==> flow/design.v <==
module mult_rtl #(
    parameter int DWIDTH = 8
) (
    input  logic aclk,
    input  logic rst_ni,
    input  logic [DWIDTH-1:0] arg0,
    input  logic [DWIDTH-1:0] arg1,
    output logic [2*DWIDTH-1:0] res
);
    logic [DWIDTH-1:0] arg0_s;
    logic [DWIDTH-1:0] arg1_s;
    localparam int HALF = DWIDTH / 2;
    logic [DWIDTH-1:0] ll;
    half_mul #(.N(HALF)) el (.a(arg0_s[HALF-1:0]), .b(arg1_s[HALF-1:0]), .p(ll));
    logic [DWIDTH-1:0] lh;
    half_mul #(.N(HALF)) inst (.a(arg0_s[HALF-1:0]), .b(arg1_s[DWIDTH-1:HALF]), .p(lh));
    logic [DWIDTH-1:0] hl;
    half_mul #(.N(HALF)) i_sub (.a(arg0_s[DWIDTH-1:HALF]), .b(arg1_s[HALF-1:0]), .p(hl));
    logic [DWIDTH-1:0] hh;
    half_mul #(.N(HALF)) u0 (.a(arg0_s[DWIDTH-1:HALF]), .b(arg1_s[DWIDTH-1:HALF]), .p(hh));
    logic [DWIDTH-1:0] ll_s;
    logic [DWIDTH-1:0] lh_s;
    logic [DWIDTH-1:0] hl_s;
    logic [DWIDTH-1:0] hh_s;
    logic [DWIDTH:0] w2;
    assign w2 = lh_s + hl_s;
    always_ff @(posedge aclk or negedge rst_ni) begin
        if (~rst_ni) begin
            arg0_s <= '0;
            arg1_s <= '0;
            ll_s <= '0;
            lh_s <= '0;
            hl_s <= '0;
            hh_s <= '0;
            res <= '0;
        end else begin
            arg0_s <= arg0;
            arg1_s <= arg1;
            ll_s <= ll;
            lh_s <= lh;
            hl_s <= hl;
            hh_s <= hh;
            res <= {hh_s, ll_s} + {w2, {HALF{1'b0}}};
        end
    end
endmodule
module half_mul #(parameter N = 4) (
    input logic [N-1:0] a,
    input logic [N-1:0] b,
    output logic [2*N-1:0] p
);
    assign p = a * b;
endmodule
## Tool chain data of mult_rtl

The steps from the RTL of mult_rtl to its reports follow in flow order.
Lines are those of the file above, counted from 1.
Operators: Yosys type, input widths -> output width; for muxes data width and select width s.
A cell with -- has no value.

| set-up | value |
|---|---|
| top module | mult_rtl |
| clock | aclk |
| standard-cell library | sky130hd |
| corner | tt_025C_1v80 |

## Word-level counts

Counts by Yosys on the flattened word-level netlist (proc, flatten, opt, wreduce; memories kept). Register bits leave out memories and registers merged into their read ports (data or address); mux counts leave out enables and synchronous resets folded into registers. Print and check cells are left out. Cells with the same type and inputs are merged into one.

| bit counts | value |
|---|---|
| output and inout bits | 16 |
| flip-flop bits (word level) | 64 |

| operators by class | value |
|---|---|
| multipliers | 4 |
| $add $sub $neg | 2 |

Operators with widths:

| kind | count |
|---|---|
| $mul 4x4->8 | 4 |
| $add 16x13->16 | 1 |
| $add 8x8->9 | 1 |

## Longest topological paths

Longest topological path by Yosys (ltp), each cell counted once; first at word level (registers and memories cut), then after technology mapping (sequential cells cut; the memories' decode and read muxes count).

| depth | value |
|---|---|
| word-level depth | 2 |
| ABC_AREA | 0 |
| depth in mapped cells | 14 |
| gate-level depth less buffers | 14 |

## Mapped cells and area

Source: synth_stat.txt of the flow (Yosys; design flattened, memories mapped). It holds for the ABC_AREA given above (unset counts as 0); a run with the other value may have another netlist.

Cell types:

| cell type | count |
|---|---|
| sky130_fd_sc_hd__dfrtp_1 | 64 |
| sky130_fd_sc_hd__ha_1 | 67 |
| sky130_fd_sc_hd__fa_1 | 18 |
| sky130_fd_sc_hd__and2_1 | 49 |
| sky130_fd_sc_hd__xnor2_1 | 24 |
| sky130_fd_sc_hd__inv_1 | 35 |
| sky130_fd_sc_hd__a21oi_1 | 22 |
| sky130_fd_sc_hd__nand2_1 | 22 |
| sky130_fd_sc_hd__a21o_1 | 10 |
| sky130_fd_sc_hd__xor2_1 | 7 |
| sky130_fd_sc_hd__nor2_1 | 8 |
| sky130_fd_sc_hd__o2111ai_2 | 2 |
| sky130_fd_sc_hd__o21bai_1 | 4 |
| sky130_fd_sc_hd__o21ai_0 | 5 |
| sky130_fd_sc_hd__a211oi_1 | 3 |
| sky130_fd_sc_hd__nor3_1 | 3 |
| sky130_fd_sc_hd__and3_1 | 2 |
| sky130_fd_sc_hd__nor2b_1 | 2 |

Not listed: further types 10, cells in them 11.

| mapped netlist | value |
|---|---|
| standard cells after synthesis | 358 |
| synthesis area | 4026.4 sq um |
| buffers | 0 |
| sequential area | 1601.5 sq um |
| flip-flops | 64 |

The figures by module come from a second, unflattened synthesis with its own total; it is not the netlist above.

| second synthesis, totals | value |
|---|---|
| cells (unflattened synthesis) | 371 |
| area (unflattened synthesis) | 4257.8 sq um |

Rows give one instance, submodules left out.

By module:

| module | area (sq um) | instances | sequential area (sq um) | cells |
|---|---|---|---|---|
| mult_rtl | 2401.1 | 1 | 1601.5 | 167 |
| half_mul #(N=4) | 464.2 | 4 | 0.0 | 51 |

## Worst setup path after synthesis

Source: OpenSTA report_checks on the synthesized netlist (no wires, ideal clock, input and output delay 20% of the period each), path of least setup slack; recovery checks are left aside. Register names are those of the netlist, which keeps one name where synthesis merged equal registers.

| timing post-synthesis | value |
|---|---|
| kind | reg2reg |
| from | register arg1_s[3] |
| to | register ll_s[7] |
| arrival time | 2.578 ns |
| delay of the path | 2.658 ns |
| path slack | 0.662 ns |
| time at the first pin | 0.000 ns |
| clock period | 3.32 ns |
| buffers on the path | 0 |
| setup time | 0.080 ns |
| stages on the path | 11 |
| period reached after synthesis | 2.658 ns |

"delay of the path" is the arrival time less input delay plus setup time.
"stages on the path" counts driving pins, that of a launching flip-flop among them; a cell with two outputs on the path counts twice.
"period reached after synthesis" = period - worst setup slack (recovery checks aside). The figure is calculated, with input and output delays left at 20% of the set period.
The rows between start and end are the longest chain of elaborated cells between them; the timing report does not say that the signal goes this way. Where chains are equally long, one stands for them.
A line is the first line of the expression or statement that the cell stems from. Yosys adds cells for indexed reads and writes and turns some case tables into memories.

| between the ends, post-synthesis | value |
|---|---|
| cell sequence | sky130_fd_sc_hd__dfrtp_1 > sky130_fd_sc_hd__nand2_1 > sky130_fd_sc_hd__fa_1 > sky130_fd_sc_hd__inv_1 > sky130_fd_sc_hd__fa_1 > sky130_fd_sc_hd__ha_1 > sky130_fd_sc_hd__a21o_1 > sky130_fd_sc_hd__a21oi_1 > sky130_fd_sc_hd__o21bai_1 > sky130_fd_sc_hd__a21oi_1 > sky130_fd_sc_hd__xnor2_1 |
| length of the longest elaborated chain | 1 |

RTL lines, path post-synthesis:

| item | line | source |
|---|---|---|
| start, declared | 11 | `logic [DWIDTH-1:0] arg1_s;` |
| start, assigned | 30 | `arg1_s <= '0;` |
| start, assigned | 38 | `arg1_s <= arg1;` |
| $mul 4x4->8 | 52 | `assign p = a * b;` |
| end, assigned | 31 | `ll_s <= '0;` |
| end, assigned | 39 | `ll_s <= ll;` |
| end, declared | 21 | `logic [DWIDTH-1:0] ll_s;` |

## Worst path after layout

From the final timing report of run A: the path of least setup slack in the routed layout; clock arrival at registers is part of the times.

| timing after layout | value |
|---|---|
| kind | reg2reg |
| from | register hl_s[0] |
| to | register res[14] |
| path slack | -0.59 ns |
| clock period | 2.11 ns |
| setup time | 0.11 ns |
| arrival time | 2.92 ns |
| stages on the path | 16 |
| buffers on the path | 1 |
| time at the first pin | 0.33 ns |

The rows between start and end are the longest chain of elaborated cells between them; the timing report does not say that the signal goes this way. Where chains are equally long, one stands for them.

| between the ends, after layout | value |
|---|---|
| cell sequence | sky130_fd_sc_hd__dfrtp_1 > sky130_fd_sc_hd__ha_2 > sky130_fd_sc_hd__inv_2 > sky130_fd_sc_hd__fa_2 > sky130_fd_sc_hd__nor2b_2 > sky130_fd_sc_hd__o21ai_2 > sky130_fd_sc_hd__a21oi_2 > sky130_fd_sc_hd__a211oi_2 > sky130_fd_sc_hd__xnor2_2 > sky130_fd_sc_hd__buf_4 > sky130_fd_sc_hd__ha_4 > sky130_fd_sc_hd__nand2_2 > sky130_fd_sc_hd__o21ai_2 > sky130_fd_sc_hd__and3_4 > sky130_fd_sc_hd__o21ai_2 > sky130_fd_sc_hd__xnor2_1 |
| length of the longest elaborated chain | 2 |

RTL lines, path after layout:

| item | line | source |
|---|---|---|
| start, declared | 23 | `logic [DWIDTH-1:0] hl_s;` |
| start, assigned | 33 | `hl_s <= '0;` |
| start, assigned | 41 | `hl_s <= hl;` |
| $add 8x8->9 | 26 | `assign w2 = lh_s + hl_s;` |
| $add 16x13->16 | 43 | `res <= {hh_s, ll_s} + {w2, {HALF{1'b0}}};` |
| end, assigned | 35 | `res <= '0;` |
| end, assigned | 43 |  |
| end, declared | 8 | `output logic [2*DWIDTH-1:0] res` |

FLOW RESULTS
============

mult_rtl through Yosys and OpenROAD on sky130hd: 3 stored runs, unordered, with their settings and measured results. The constraints put input and output delay at 20% of the set period each and load the outputs with 0.01 pF.
"clock period achieved" = clock period - worst setup slack. The figure is calculated, with input and output delays left at 20% of the set period.
By "time on the worst setup path" is meant the share of the clock period that the worst setup path is allowed (20% is reserved at inputs, 20% at outputs), minus its slack. Clock arrival times at its registers enter into it.
"power consumption": no workload was simulated; the value follows from the tool's default switching activity.

#### Run A

| setting | value |
|---|---|
| period_ns | `2.11` |
| CORE_UTILIZATION | `15` |
| SETUP_SLACK_MARGIN | `0.11` |
| PLACE_DENSITY_LB_ADDON | `0.17` |
| GPL_TIMING_DRIVEN | `0` |
| CTS_CLUSTER_SIZE | `81` |
| CTS_CLUSTER_DIAMETER | `81` |
| CAP_MARGIN | `20` |
| CORE_MARGIN | `2` |
| SLEW_MARGIN | `20` |

| result | value |
|---|---|
| standard-cell area after routing | 5771.8 sq um |
| final setup TNS | -10.012 ns |
| worst setup slack after layout | -0.589 ns |
| time on the worst setup path | 2.70 ns |
| critical path kind | reg2reg |
| clock period achieved | 2.699 ns |
| die area | 28168.6 sq um |
| power consumption | 0.006173 W |
| synthesized cell area | 4026.4 sq um |
| utilization | 0.22 |

#### Run B

| setting | value |
|---|---|
| period_ns | `3.32` |
| CAP_MARGIN | `20` |
| CORE_MARGIN | `2` |
| CORE_UTILIZATION | `40` |
| SLEW_MARGIN | `20` |

| result | value |
|---|---|
| standard-cell area after routing | 4752.1 sq um |
| final setup TNS | 0.000 ns |
| worst setup slack after layout | 0.408 ns |
| time on the worst setup path | 2.91 ns |
| critical path kind | reg2reg |
| clock period achieved | 2.912 ns |
| die area | 10884.7 sq um |
| power consumption | 0.003056 W |
| synthesized cell area | 4026.4 sq um |
| utilization | 0.486 |

#### Run C

| setting | value |
|---|---|
| period_ns | `2.06` |
| CORE_UTILIZATION | `39` |
| SETUP_SLACK_MARGIN | `0.22` |
| PLACE_DENSITY_LB_ADDON | `0.0` |
| CORE_ASPECT_RATIO | `1.62` |
| CORE_MARGIN | `9` |
| ABC_AREA | `0` |
| GPL_ROUTABILITY_DRIVEN | `0` |
| CTS_CLUSTER_SIZE | `60` |
| CAP_MARGIN | `40` |
| SLEW_MARGIN | `35` |

| result | value |
|---|---|
| standard-cell area after routing | 5860.6 sq um |
| final setup TNS | -11.870 ns |
| worst setup slack after layout | -0.604 ns |
| time on the worst setup path | 2.66 ns |
| critical path kind | reg2reg |
| clock period achieved | 2.664 ns |
| die area | 14412.8 sq um |
| power consumption | 0.006545 W |
| synthesized cell area | 4026.4 sq um |
| utilization | 0.589 |
